==> flow/design.v <==
module ex_aligner_mod (CLK, srst, ch, amt, result);
  parameter integer NBITS = 8;
  localparam integer SW = $clog2(NBITS);
  input CLK;
  input srst;
  input [NBITS-1:0] ch;
  input [SW-1:0] amt;
  output [NBITS-1:0] result;
  wire [NBITS-1:0] nd [0:SW];
  assign nd[0] = ch;
  genvar i;
  generate
    for (i = 0; i < SW; i = i + 1) begin : slice
      assign nd[i+1] = amt[i] ? nd[i] >> (1 << i) : nd[i];
    end
  endgenerate
  reg [NBITS-1:0] result_s;
  assign result = result_s;
  always @(posedge CLK or posedge srst) begin
    if (srst) begin
      result_s <= 0;
    end else begin
      result_s <= nd[SW];
    end
  end
endmodule
* From RTL to reports: ex_aligner_mod
What the tools print for ex_aligner_mod, step after step.
Lines are those of the file above, counted from 1.
Cell names lack the library's common part.
A cell with - has no value.
- Top module :: ex_aligner_mod
- Clock :: CLK
- Library :: sky130hd
- Library corner :: tt_025C_1v80

* After elaboration
Counts by Yosys on the flattened word-level netlist (proc, flatten, opt, wreduce; memories kept). Register bits leave out memories and registers merged into their read ports (data or address); mux counts leave out enables and synchronous resets folded into registers. Print and check cells are left out. Cells with the same type and inputs are merged into one.
- $add $sub $neg :: 0
- Multipliers :: 0
- Div/mod/pow operators :: 0
- Order comparisons :: 0
- Eq/ne operators :: 0
- Shifts and indexed selects :: 0
- Mux-type cells :: 3
- Bitwise logic cells :: 0
- Reductions and logical operators :: 0
** Operators by type and width (count)
- 8-bit 2-to-1 mux :: 3
- Register bits after elaboration :: 8
- Latch bits :: 0
- Memory bits (writable) :: 0
- Memory bits (read-only) :: 0
- Clocked read ports x word width :: 0
- Memories kept :: 0
- Output and inout port bits :: 8
- Word-level cells :: 4

* Depth
Yosys ltp: most cells in a row. Word level: on the elaborated netlist, between registers, memories and ports. Mapped: between sequential cells and ports; inverters and the memories' decode and read muxes count.
- Depth after elaboration :: 3
- ABC_AREA :: 0
- Depth in mapped cells :: 4

* Synthesis result
Source: synth_stat.txt of the flow (Yosys; design flattened, memories mapped). It holds for the ABC_AREA given above (unset counts as 0); a run with the other value may have another netlist.
Totals and module areas in this step are rounded.
** Cells by type (count)
- dfrtp_1 :: 8
- mux2i_1 :: 7
- buf_6 :: 2
- mux2_2 :: 2
- mux4_2 :: 1
- mux2_4 :: 1
- nand2b_1 :: 2
- o22ai_2 :: 1
- nor3_1 :: 2
- o21ai_0 :: 2
- a21oi_2 :: 1
- a211oi_1 :: 1
- nand3b_1 :: 1
- o21a_1 :: 1
- nor2_2 :: 1
- nor2b_1 :: 1
- buf_2 :: 1
- inv_1 :: 1
- nor2_1 :: 1
- Cell count :: 37
- Cell area after synthesis :: 0.00045 mm²
- Area of sequential cells :: 0.0002 mm²
- Mapped flip-flops :: 8
- Buffers :: 3

* Timing after synthesis
OpenSTA on the mapped netlist: ideal clock, no wires. The path of least setup slack (recovery checks aside). Input and output delay are each 20% of the period. Register names are those of the netlist, which keeps one name where synthesis merged equal registers.
- Path kind :: input-to-reg
- Start point :: in amt[0]
- End point :: reg result_s[0]
- Period :: 1.36 ns
- Input delay :: 0.272 ns
- Setup time :: 0.124 ns
- Launch time at the first pin :: 0.272 ns
- Arrival time :: 1.017 ns
- Required time :: 1.236 ns
- Setup slack :: 0.219 ns
- Delay of the path :: 0.869 ns
- Stages :: 4
- Synthesis period reached :: 1.141 ns
"delay of the path" = arrival - input delay + setup time.
"stages": output pins that drive a net of the path, with the launching flip-flop's if there is one; two outputs of one cell count as two.
"synthesis period reached" = period - worst setup slack (recovery checks aside). The figure is calculated, with input and output delays left at 20% of the set period.
The rows between start and end are the longest chain of elaborated cells between them; the timing report does not say that the signal goes this way. Where chains are equally long, one stands for them.
Each line given opens the expression or statement behind the cell; cells for indexed reads and writes are added by Yosys, which also makes memories of some case tables.
- Cells stage by stage :: buf_6 -> mux4_2 -> nor2_2 -> a21oi_2
- Length of the longest elaborated chain :: 3
** RTL lines, path post-synthesis
- start, declared :: RTL line 7 : input [SW-1:0] amt;
- 8-bit 2-to-1 mux (3 in a row) :: RTL line 14 : assign nd[i+1] = amt[i] ? nd[i] >> (1 << i) : nd[i];
- end, assigned :: RTL line 21 : result_s <= 0;
- end, assigned :: RTL line 23 : result_s <= nd[SW];
- end, declared :: RTL line 17 : reg [NBITS-1:0] result_s;

* Timing after layout
Path of least setup slack in the final report of job 2 (OpenROAD, finished layout, wires in). Where an end is a register, its clock arrival counts in the times.
- Path kind :: reg-to-output
- Start point :: reg result_s[1]
- End point :: out result[1]
- Period :: 0.781 ns
- External output delay :: 0.16 ns
- Launch time at the first pin :: 0.24 ns
- Arrival time :: 0.73 ns
- Required time :: 0.62 ns
- Setup slack :: -0.10 ns
- Stages :: 2
- Cells stage by stage :: dfrtp_1 -> buf_2
- Length of the longest elaborated chain :: 0
** RTL lines, path after layout
- start, declared :: RTL line 17 : reg [NBITS-1:0] result_s;
- start, assigned :: RTL line 21 : result_s <= 0;
- start, assigned :: RTL line 23 : result_s <= nd[SW];
- end, declared :: RTL line 8 : output [NBITS-1:0] result;

## Implementation results

3 stored runs of ex_aligner_mod in the flow (synthesis by Yosys, layout by OpenROAD, sky130hd cells), in arbitrary order. Constraints: input delay and output delay 20% of the set period each, output load 0.01 pF.
By "reached clock period" is meant the clock period of the run minus its worst setup slack. This is arithmetic on one report: input and output delays are still those of the set period (20% each).
By "time on the worst setup path" is meant the share of the clock period that the worst setup path is allowed (20% is reserved at inputs, 20% at outputs), minus its slack. Clock arrival times at its registers enter into it.
By "total design power" is meant OpenSTA's value without simulated activity: inputs other than the clock are taken to toggle once in ten clock periods, and the tool carries that through the logic.
Results are given in rounded form.

** Job 1
- Settings :: period_ns=1.79; CORE_UTILIZATION=68; PLACE_DENSITY_LB_ADDON=0.23; HOLD_SLACK_MARGIN=0.29; CORE_ASPECT_RATIO=1.21; CORE_MARGIN=6; CELL_PAD_IN_SITES_GLOBAL_PLACEMENT=0; CTS_CLUSTER_SIZE=76; CTS_CLUSTER_DIAMETER=116; CAP_MARGIN=30; SLEW_MARGIN=20
- Outcome :: stopped before the end: floorplanning reported PDN-0185

** Job 2
- Settings :: period_ns=0.781; CORE_UTILIZATION=26; SETUP_SLACK_MARGIN=0.18; CELL_PAD_IN_SITES_GLOBAL_PLACEMENT=1; GPL_ROUTABILITY_DRIVEN=0; CTS_CLUSTER_SIZE=28; MAX_ROUTING_LAYER=met5; CAP_MARGIN=20; CORE_MARGIN=2; SLEW_MARGIN=20
- Die size :: 0.0021 mm²
- Reached clock period :: 0.884 ns
- Synthesized cell area :: 0.00045 mm²
- Total negative slack on setup checks :: -0.77 ns
- Standard-cell area of the final layout :: 0.0008 mm²
- Total design power :: 0.0011 W
- Worst setup slack after layout :: -0.10 ns
- Time on the worst setup path :: 0.73 ns
- Critical path type :: reg-to-output

** Job 3
- Settings :: period_ns=1.36; CAP_MARGIN=20; CORE_MARGIN=2; CORE_UTILIZATION=40; SLEW_MARGIN=20
- Die size :: 0.0014 mm²
- Reached clock period :: 1.255 ns
- Synthesized cell area :: 0.00045 mm²
- Total negative slack on setup checks :: 0.000 ns
- Standard-cell area of the final layout :: 0.00075 mm²
- Total design power :: 0.00061 W
- Worst setup slack after layout :: 0.10 ns
- Time on the worst setup path :: 0.98 ns
- Critical path type :: input-to-reg
